==> flow/design.v <==
module alu_mux_mod #(
  parameter XLEN = 8,
  parameter N = 48,
  parameter LG = $clog2(N)
) (
  input wire i_clk,
  input wire aresetn,
  input wire adv,
  input wire [N*XLEN-1:0] din,
  input wire [LG-1:0] sel,
  output reg [XLEN-1:0] result
);
  reg [N*XLEN-1:0] din_r;
  reg [LG-1:0] sel_r;
  wire [XLEN-1:0] opt [0:N-1];
  genvar gi;
  generate
    for (gi = 0; gi < N; gi = gi + 1) begin : gen
      assign opt[gi] = din_r[gi*XLEN +: XLEN];
    end
  endgenerate
  always @(posedge i_clk or negedge aresetn) begin
    if (!aresetn) begin
      din_r <= 0;
      sel_r <= 0;
      result <= 0;
    end else if (adv) begin
      din_r <= din;
      sel_r <= sel;
      result <= opt[sel_r];
    end
  end
endmodule
[Step by step through the tools: alu_mux_mod]
The steps from the RTL of alu_mux_mod to its reports follow in flow order.
Lines are those of the file above, counted from 1.
Operators: Yosys type, input widths -> output width; for muxes data width and select width s.
Library cell names are shortened.
Not given: n/a
Design
  design top: alu_mux_mod
  clock: i_clk
  library: sky130hd
  corner: tt_025C_1v80

[Word-level counts]
Source: Yosys, flattened and elaborated. Widths are those after wreduce. Registers that Yosys merges into a memory's read port (data or address) are not register bits. Print and check cells do not count. Equal cells are merged and count once.
Storage and ports
  output and inout port bits: 8
  register bits after elaboration: 398
  cells after elaboration: 52
  bits of input ports: 393
Cells by class
  equality and inequality tests: 47
  muxes and demuxes: 1
  reductions and logical operators: 1
Operator list (number)
  $pmux 8 s48: 1
  $eq 6x5->1 const B: 16
  $eq 6x6->1 const B: 16
  $eq 6x4->1 const B: 8
  $eq 6x3->1 const B: 4
  $eq 6x2->1 const B: 2
  $eq 6x1->1 const B: 1
  $logic_not 6->1: 1

[Logic depth]
Depth = most cells in a row (Yosys ltp): at word level without a register or memory, in the mapped netlist without a sequential cell, where the memories' decode and read muxes count.
Depth
  depth after elaboration: 2
  ABC_AREA: 0
  depth in mapped cells: 10

[Netlist]
Yosys stat after the flow's synthesis: flattened, memories mapped to cells. It holds for the ABC_AREA given above (unset counts as 0); a run with the other value may have another netlist.
The area totals of this step are shown rounded.
Cell types (number)
  dfrtp_1: 398
  mux2_2: 398
  a32oi_1: 52
  mux2i_1: 31
  a22oi_1: 32
  clkbuf_1: 63
  nand3_1: 33
  a32o_1: 15
  buf_2: 27
  a31oi_1: 21
  and3_1: 21
  nand4_1: 19
  nand2_1: 30
  nor4_1: 17
  nor3_1: 20
  a21oi_1: 16
  a22o_1: 8
  nor2_1: 18
Not listed: further types 46, cells in them 123.
Mapped netlist
  area of sequential cells: 9960 µm²
  mapped cells: 1342
  cell area after synthesis: 18000 µm²
  buffers: 102
  flip-flop cells: 398

[Path before layout]
OpenSTA on the mapped netlist: ideal clock, no wires. The path of least setup slack (recovery checks aside). Input and output delay are each 20% of the period. Register names are those of the netlist, which keeps one name where synthesis merged equal registers.
Timing post-synthesis
  kind: reg-to-reg
  start: register sel_r[1]
  end: register result[1]
  clock period: 2.62 ns
  time at the first pin: 0.000 ns
  driving pins on the path: 9
  delay of the path: 2.094 ns
  library setup time: 0.124 ns
  buffers on the path: 2
  path slack: 0.527 ns
  required time: 2.496 ns
  arrival time: 1.970 ns
  synthesis period reached: 2.093 ns
"delay of the path" = arrival - input delay + setup time.
"driving pins on the path": output pins that drive a net of the path, with the launching flip-flop's if there is one; two outputs of one cell count as two.
"synthesis period reached" = period - worst setup slack (recovery checks aside). The figure is calculated, with input and output delays left at 20% of the set period.
The rows between start and end are the longest chain of elaborated cells between them; the timing report does not say that the signal goes this way. Where chains are equally long, one stands for them.
Each line given opens the expression or statement behind the cell; cells for indexed reads and writes are added by Yosys, which also makes memories of some case tables.
Between the ends, post-synthesis
  path through: dfrtp_1 > buf_4 > buf_6 > nor2b_1 > a22oi_1 > a2bb2oi_1 > nand4_1 > or4_1 > o31a_1
  length of the longest elaborated chain: 2
  elaborated cells between the ends (all ways): 49
  classes of those cells: eq/ne (47); mux (1); reduce/logical (1)
RTL lines, path post-synthesis
  start: declaration: RTL line 14  | reg [LG-1:0] sel_r;
  start: assignment: RTL line 25  | sel_r <= 0;
  start: assignment: RTL line 29  | sel_r <= sel;
  $eq 6x6->1: RTL line 30  | result <= opt[sel_r];
  $pmux 8 s48: RTL line 30
  end: assignment: RTL line 26  | result <= 0;
  end: assignment: RTL line 30
  end: declaration: RTL line 11  | output reg [XLEN-1:0] result

[Path in the finished layout]
From the final timing report of run 1: the path of least setup slack in the routed layout; clock arrival at registers is part of the times.
Timing post-layout
  kind: reg-to-reg
  start: register sel_r[5]
  end: register result[7]
  clock period: 2.62 ns
  arrival time: 3.05 ns
  buffers on the path: 2
  driving pins on the path: 8
  required time: 3.09 ns
  path slack: 0.04 ns
  time at the first pin: 0.59 ns
  library setup time: 0.13 ns
The rows between start and end are the longest chain of elaborated cells between them; the timing report does not say that the signal goes this way. Where chains are equally long, one stands for them.
Between the ends, post-layout
  path through: dfrtp_2 > buf_12 > nor2b_1 > buf_4 > a32o_1 > or4_1 > nor4_1 > a21oi_1
  length of the longest elaborated chain: 2
  elaborated cells between the ends (all ways): 49
  classes of those cells: eq/ne (47); mux (1); reduce/logical (1)
RTL lines, path post-layout
  start: declaration: RTL line 14  | reg [LG-1:0] sel_r;
  start: assignment: RTL line 25  | sel_r <= 0;
  start: assignment: RTL line 29  | sel_r <= sel;
  $eq 6x6->1: RTL line 30  | result <= opt[sel_r];
  $pmux 8 s48: RTL line 30
  end: assignment: RTL line 26  | result <= 0;
  end: assignment: RTL line 30
  end: declaration: RTL line 11  | output reg [XLEN-1:0] result

Hand-over note for alu_mux_mod

Settings and measured results of 3 stored flow runs for module alu_mux_mod (sky130hd), not sorted in any way. The constraints put input and output delay at 20% of the set period each and load the outputs with 0.01 pF.
By "achieved clock period" is meant the clock period of the run minus its worst setup slack. This is arithmetic on one report: input and output delays are still those of the set period (20% each).
"worst setup path time": the worst setup path's part of the clock period (all of it between registers, 20% less for each end at a port) less its slack. A launch clock that arrives late makes it longer, a capture clock that arrives late makes it shorter.
By "power" is meant OpenSTA's value without simulated activity: inputs other than the clock are taken to toggle once in ten clock periods, and the tool carries that through the logic.
Values from the reports are rounded here.

Run 1
==> flow/run.sh <==
#!/bin/bash
# the make line also repeats the synthesis and layout settings of config.mk as NAME=value (left out here)
make -C /OpenROAD-flow-scripts/flow DESIGN_CONFIG=/design/flow/config.mk WORK_HOME=/design/flow/orfs CLKGATE_MAP_FILE= finish
==> flow/config.mk <==
export PLATFORM = sky130hd
export DESIGN_NAME = alu_mux_mod
export DESIGN_NICKNAME = alu_mux_mod
export VERILOG_FILES = /design/flow/design.v
export SDC_FILE = /design/flow/constraint.sdc
export NUM_CORES = 4
export LEC_CHECK = 0
export CAP_MARGIN = 20
export CORE_MARGIN = 2
export CORE_UTILIZATION = 40
export SLEW_MARGIN = 20
==> flow/constraint.sdc <==
create_clock -name core_clock -period 2.62 [get_ports {i_clk}]
set_input_delay 0.5240 -clock core_clock [delete_from_list [all_inputs] [get_ports {i_clk}]]
set_output_delay 0.5240 -clock core_clock [all_outputs]
set_load 0.01 [all_outputs]

==> results of run 1 <==
chip area after synthesis (Yosys): 18000 µm²
die area: 46700 µm²
standard-cell area of the final layout: 24900 µm²
utilization: 56.2%
worst setup slack after layout: 0.036 ns
total negative slack: 0.000 ns
power: 0.0164 W
achieved clock period: 2.584 ns
worst setup path time: 2.58 ns
worst setup path kind: reg-to-reg

Run 2
==> flow/run.sh <==
#!/bin/bash
# the make line also repeats the synthesis and layout settings of config.mk as NAME=value (left out here)
make -C /OpenROAD-flow-scripts/flow DESIGN_CONFIG=/design/flow/config.mk WORK_HOME=/design/flow/orfs CLKGATE_MAP_FILE= finish
==> flow/config.mk <==
export PLATFORM = sky130hd
export DESIGN_NAME = alu_mux_mod
export DESIGN_NICKNAME = alu_mux_mod
export VERILOG_FILES = /design/flow/design.v
export SDC_FILE = /design/flow/constraint.sdc
export NUM_CORES = 4
export LEC_CHECK = 0
export ABC_AREA = 1
export CAP_MARGIN = 15
export CELL_PAD_IN_SITES_DETAIL_PLACEMENT = 0
export CORE_MARGIN = 2
export CORE_UTILIZATION = 66
export CTS_CLUSTER_SIZE = 94
export PLACE_DENSITY_LB_ADDON = 0.29
export SETUP_SLACK_MARGIN = -0.1
export SLEW_MARGIN = 20
==> flow/constraint.sdc <==
create_clock -name core_clock -period 4.06 [get_ports {i_clk}]
set_input_delay 0.8120 -clock core_clock [delete_from_list [all_inputs] [get_ports {i_clk}]]
set_output_delay 0.8120 -clock core_clock [all_outputs]
set_load 0.01 [all_outputs]

==> results of run 2 <==
chip area after synthesis (Yosys): 18900 µm²
die area: 30100 µm²
standard-cell area of the final layout: 24500 µm²
utilization: 87.6%
worst setup slack after layout: 1.37 ns
total negative slack: 0.000 ns
power: 0.01 W
achieved clock period: 2.685 ns
worst setup path time: 2.69 ns
worst setup path kind: reg-to-reg

Run 3
==> flow/run.sh <==
#!/bin/bash
# the make line also repeats the synthesis and layout settings of config.mk as NAME=value (left out here)
make -C /OpenROAD-flow-scripts/flow DESIGN_CONFIG=/design/flow/config.mk WORK_HOME=/design/flow/orfs CLKGATE_MAP_FILE= finish
==> flow/config.mk <==
export PLATFORM = sky130hd
export DESIGN_NAME = alu_mux_mod
export DESIGN_NICKNAME = alu_mux_mod
export VERILOG_FILES = /design/flow/design.v
export SDC_FILE = /design/flow/constraint.sdc
export NUM_CORES = 4
export LEC_CHECK = 0
export CAP_MARGIN = 20
export CELL_PAD_IN_SITES_DETAIL_PLACEMENT = 1
export CELL_PAD_IN_SITES_GLOBAL_PLACEMENT = 3
export CORE_ASPECT_RATIO = 1.22
export CORE_MARGIN = 2
export CORE_UTILIZATION = 55
export CTS_CLUSTER_DIAMETER = 229
export GPL_TIMING_DRIVEN = 1
export MIN_ROUTING_LAYER = met1
export PLACE_DENSITY_LB_ADDON = 0.06
export SLEW_MARGIN = 20
export TNS_END_PERCENT = 90
==> flow/constraint.sdc <==
create_clock -name core_clock -period 4.06 [get_ports {i_clk}]
set_input_delay 0.8120 -clock core_clock [delete_from_list [all_inputs] [get_ports {i_clk}]]
set_output_delay 0.8120 -clock core_clock [all_outputs]
set_load 0.01 [all_outputs]

==> results of run 3 <==
did not finish, placement stopped with FLW-0024

End of note.
